==> flow/design.v <==
module gen_mult_p #(
  parameter integer BITS = 10
) (
  input  wire clock,
  input  wire srst,
  input  wire step,
  input  wire [BITS-1:0] in0_i,
  input  wire [BITS-1:0] in1_i,
  input  wire [2*BITS-1:0] in2_i,
  output reg [2*BITS:0] p_o
);
  always @(posedge clock) begin
    if (srst) begin
      p_o <= 0;
    end else if (step) begin
      p_o <= in0_i * in1_i + in2_i;
    end
  end
endmodule
# ---- Step by step through the tools: gen_mult_p
# The steps from the RTL of gen_mult_p to its reports follow in flow order.
# Line numbers count from 1 in the design file above.
# Operators: Yosys type, input widths -> output width; for muxes data width and select width s.
# Library cell names are shortened.
# Not given: --
dict set report inputs {
  design {gen_mult_p}
  clock_port {clock}
  cell_library {sky130hd}
  lib_corner {tt_025C_1v80}
}

# ---- After elaboration
# Counts by Yosys on the flattened word-level netlist (proc, flatten, opt, wreduce; memories kept). Register bits leave out memories and registers merged into their read ports (data or address); mux counts leave out enables and synchronous resets folded into registers. Print and check cells are left out. Cells with the same type and inputs are merged into one.
dict set report bits {
  regBits 21
}
dict set report classes {
  multipliers 1
  add_sub_neg 1
}
# cell count
set ops {}
lappend ops {{$mul 10x10->20} 1}
lappend ops {{$add 20x20->21} 1}

# ---- Depth
# Depth = most cells in a row (Yosys ltp): at word level without a register or memory, in the mapped netlist without a sequential cell, where the memories' decode and read muxes count.
dict set report depth {
  word_depth 2
  abc_area 0
  ltp_mapped 19
  depth_no_buf 18
}

# ---- Synthesis result
# The flow's flattened synthesis, as Yosys stat reports it; memories are mapped. The netlist is that of the ABC_AREA named above (0 if unset); the other value can give another one.
# Totals and module areas in this step are rounded.
# type count area_total_um2
set by_type {}
lappend by_type {fa_1 82 1.64E+03}
lappend by_type {ha_1 57 713.184}
lappend by_type {dfxtp_1 21 420.403}
lappend by_type {inv_1 111 416.65}
lappend by_type {and2_1 52 325.312}
lappend by_type {nand2_1 66 247.738}
lappend by_type {nor2_1 27 101.347}
lappend by_type {mux2i_1 10 100.096}
lappend by_type {clkbuf_1 19 71.318}
lappend by_type {a21oi_1 14 70.067}
lappend by_type {xnor2_1 6 52.55}
lappend by_type {o21ai_0 10 50.048}
lappend by_type {and3_1 5 31.28}
lappend by_type {nor3_1 6 30.029}
lappend by_type {nand3_1 5 25.024}
lappend by_type {nand2b_1 3 18.768}
lappend by_type {nor2b_1 3 18.768}
lappend by_type {o22ai_1 3 18.768}
# Other cell types: 36; their cells: 43.
dict set report mapped {
  mapped_cells 543
  buf_cells 20
  ff_cells 21
  synth_area_mm2 0.0047
}

# ---- Worst setup path after synthesis
# Source: OpenSTA report_checks on the synthesized netlist (no wires, ideal clock, input and output delay 20% of the period each), path of least setup slack; recovery checks are left aside. Register names are those of the netlist, which keeps one name where synthesis merged equal registers.
dict set report synth_timing {
  kind {input port to flip-flop}
  startpoint {in in1_i[6]}
  endpoint {reg p_o[20]}
  setup_ns 0.123
  path_delay_ns 4.728
  input_delay_ns 1.478
  tclk_ns 7.39
  stages 17
  path_slack_ns 1.184
  arrival_time_ns 6.083
  period_less_setup_slack_ns 6.206
}
# "path_delay_ns" = arrival - input delay + setup time.
# "stages": output pins that drive a net of the path, with the launching flip-flop's if there is one; two outputs of one cell count as two.
# "period_less_setup_slack_ns" is the clock period less the worst setup slack; recovery checks do not enter. This is arithmetic on one report: input and output delays are still those of the set period (20% each).
# The rows between start and end are the longest chain of elaborated cells between them; the timing report does not say that the signal goes this way. Where chains are equally long, one stands for them.
# Each line given opens the expression or statement behind the cell; cells for indexed reads and writes are added by Yosys, which also makes memories of some case tables.
dict set report synth_via {
  cell_sequence {clkbuf_1 > nand2_1 > fa_1 > inv_1 > fa_1 > fa_1 > fa_1 > inv_1 > fa_1 > inv_1 > ha_1 > nand4_2 > nor2_1 > and3_1 > nor4_2 > o21ai_1 > mux2_1}
  elab_chain_len 2
  cells_between 2
  lines_between 1
}
# element line_no
set synth_rtl {}
lappend synth_rtl {{start, declared} 8} ;# input  wire [BITS-1:0] in1_i,
lappend synth_rtl {{$mul 10x10->20} 16} ;# p_o <= in0_i * in1_i + in2_i;
lappend synth_rtl {{$add 20x20->21} 16}
lappend synth_rtl {{end, assigned} 14} ;# p_o <= 0;
lappend synth_rtl {{end, assigned} 16}
lappend synth_rtl {{end, declared} 10} ;# output reg [2*BITS:0] p_o

# ---- Worst path after layout
# Path of least setup slack in the final report of run 1 (OpenROAD, finished layout, wires in). Where an end is a register, its clock arrival counts in the times.
dict set report layout_timing {
  kind {input port to flip-flop}
  startpoint {in in0_i[3]}
  endpoint {reg p_o[16]}
  tclk_ns 4.26
  path_slack_ns -0.80
  arrival_time_ns 5.25
  stages 16
  input_delay_ns 0.85
  setup_ns 0.07
}
# The rows between start and end are the longest chain of elaborated cells between them; the timing report does not say that the signal goes this way. Where chains are equally long, one stands for them.
dict set report layout_via {
  cell_sequence {clkbuf_16 > and2_4 > fa_2 > fa_1 > fa_2 > fa_1 > inv_2 > fa_1 > inv_2 > ha_4 > nand3_2 > a2111oi_4 > nor4_4 > buf_4 > or4_4 > o211ai_2}
  elab_chain_len 2
  cells_between 2
  lines_between 1
}
# element line_no
set layout_rtl {}
lappend layout_rtl {{start, declared} 7} ;# input  wire [BITS-1:0] in0_i,
lappend layout_rtl {{$mul 10x10->20} 16} ;# p_o <= in0_i * in1_i + in2_i;
lappend layout_rtl {{$add 20x20->21} 16}
lappend layout_rtl {{end, assigned} 14} ;# p_o <= 0;
lappend layout_rtl {{end, assigned} 16}
lappend layout_rtl {{end, declared} 10} ;# output reg [2*BITS:0] p_o

Measured results for gen_mult_p: 3 stored runs of the Yosys and OpenROAD flow on sky130hd. The settings differ; the order carries no meaning. The constraints put input and output delay at 20% of the set period each and load the outputs with 0.01 pF.
By "achieved_clock_period_ns" is meant the clock period of the run minus its worst setup slack. This is arithmetic on one report: input and output delays are still those of the set period (20% each).
"worst_path_ns" means the part of the period allowed to the worst setup path (the constraints hold back 20% at inputs and 20% at outputs) less its slack; where the path has registers, the arrival times of their clocks count too.
"totalPower_uw" is the tool's figure for a default switching activity; nothing was simulated.
Results are given in rounded form.

# run 1
==> flow/run.sh <==
#!/bin/bash
# the make line also repeats the synthesis and layout settings of config.mk as NAME=value (left out here)
make -C /OpenROAD-flow-scripts/flow DESIGN_CONFIG=/design/flow/config.mk WORK_HOME=/design/flow/orfs CLKGATE_MAP_FILE= finish
==> flow/config.mk <==
export PLATFORM = sky130hd
export DESIGN_NAME = gen_mult_p
export DESIGN_NICKNAME = gen_mult_p
export VERILOG_FILES = /design/flow/design.v
export SDC_FILE = /design/flow/constraint.sdc
export NUM_CORES = 4
export LEC_CHECK = 0
export CAP_MARGIN = 20
export CELL_PAD_IN_SITES_GLOBAL_PLACEMENT = 0
export CORE_ASPECT_RATIO = 0.59
export CORE_MARGIN = 10
export CORE_UTILIZATION = 44
export CTS_CLUSTER_DIAMETER = 130
export GPL_TIMING_DRIVEN = 0
export PLACE_DENSITY_LB_ADDON = 0.09
export SLEW_MARGIN = 0
==> flow/constraint.sdc <==
create_clock -name core_clock -period 4.26 [get_ports {clock}]
set_input_delay 0.8520 -clock core_clock [delete_from_list [all_inputs] [get_ports {clock}]]
set_output_delay 0.8520 -clock core_clock [all_outputs]
set_load 0.01 [all_outputs]

==> run 1: results <==
totalPower_uw=5200
design.die.area_mm2=0.015
achieved_clock_period_ns=5.063
final_setup_ws_ns=-0.80
worst_path_ns=4.21
critical_path_kind="input port to flip-flop"
tns_setup_ns=-7.0
yosys_chip_area_mm2=0.0047
finish.utilization_frac=0.63
ws_hold_ns=0.44
post_route_stdcell_area_mm2=0.0065

# run 2
==> flow/run.sh <==
#!/bin/bash
# the make line also repeats the synthesis and layout settings of config.mk as NAME=value (left out here)
make -C /OpenROAD-flow-scripts/flow DESIGN_CONFIG=/design/flow/config.mk WORK_HOME=/design/flow/orfs CLKGATE_MAP_FILE= finish
==> flow/config.mk <==
export PLATFORM = sky130hd
export DESIGN_NAME = gen_mult_p
export DESIGN_NICKNAME = gen_mult_p
export VERILOG_FILES = /design/flow/design.v
export SDC_FILE = /design/flow/constraint.sdc
export NUM_CORES = 4
export LEC_CHECK = 0
export CAP_MARGIN = 20
export CORE_MARGIN = 2
export CORE_UTILIZATION = 40
export SLEW_MARGIN = 20
==> flow/constraint.sdc <==
create_clock -name core_clock -period 7.39 [get_ports {clock}]
set_input_delay 1.4780 -clock core_clock [delete_from_list [all_inputs] [get_ports {clock}]]
set_output_delay 1.4780 -clock core_clock [all_outputs]
set_load 0.01 [all_outputs]

==> run 2: results <==
totalPower_uw=2000
design.die.area_mm2=0.013
achieved_clock_period_ns=6.670
final_setup_ws_ns=0.72
worst_path_ns=5.19
critical_path_kind="input port to flip-flop"
tns_setup_ns=0.000
yosys_chip_area_mm2=0.0047
finish.utilization_frac=0.49
ws_hold_ns=0.47
post_route_stdcell_area_mm2=0.0056

# run 3
==> flow/run.sh <==
#!/bin/bash
# the make line also repeats the synthesis and layout settings of config.mk as NAME=value (left out here)
make -C /OpenROAD-flow-scripts/flow DESIGN_CONFIG=/design/flow/config.mk WORK_HOME=/design/flow/orfs CLKGATE_MAP_FILE= finish
==> flow/config.mk <==
export PLATFORM = sky130hd
export DESIGN_NAME = gen_mult_p
export DESIGN_NICKNAME = gen_mult_p
export VERILOG_FILES = /design/flow/design.v
export SDC_FILE = /design/flow/constraint.sdc
export NUM_CORES = 4
export LEC_CHECK = 0
export ABC_AREA = 0
export CAP_MARGIN = 20
export CELL_PAD_IN_SITES_GLOBAL_PLACEMENT = 3
export CORE_ASPECT_RATIO = 0.87
export CORE_MARGIN = 2
export CORE_UTILIZATION = 30
export GPL_TIMING_DRIVEN = 1
export HOLD_SLACK_MARGIN = 0.05
export PLACE_DENSITY_LB_ADDON = 0.02
export SETUP_SLACK_MARGIN = 2.21
export SLEW_MARGIN = 20
export TNS_END_PERCENT = 80
==> flow/constraint.sdc <==
create_clock -name core_clock -period 9.76 [get_ports {clock}]
set_input_delay 1.9520 -clock core_clock [delete_from_list [all_inputs] [get_ports {clock}]]
set_output_delay 1.9520 -clock core_clock [all_outputs]
set_load 0.01 [all_outputs]

==> run 3: results <==
totalPower_uw=1500
design.die.area_mm2=0.017
achieved_clock_period_ns=7.266
final_setup_ws_ns=2.5
worst_path_ns=5.31
critical_path_kind="input port to flip-flop"
tns_setup_ns=0.000
yosys_chip_area_mm2=0.0047
finish.utilization_frac=0.37
ws_hold_ns=0.46
post_route_stdcell_area_mm2=0.0056
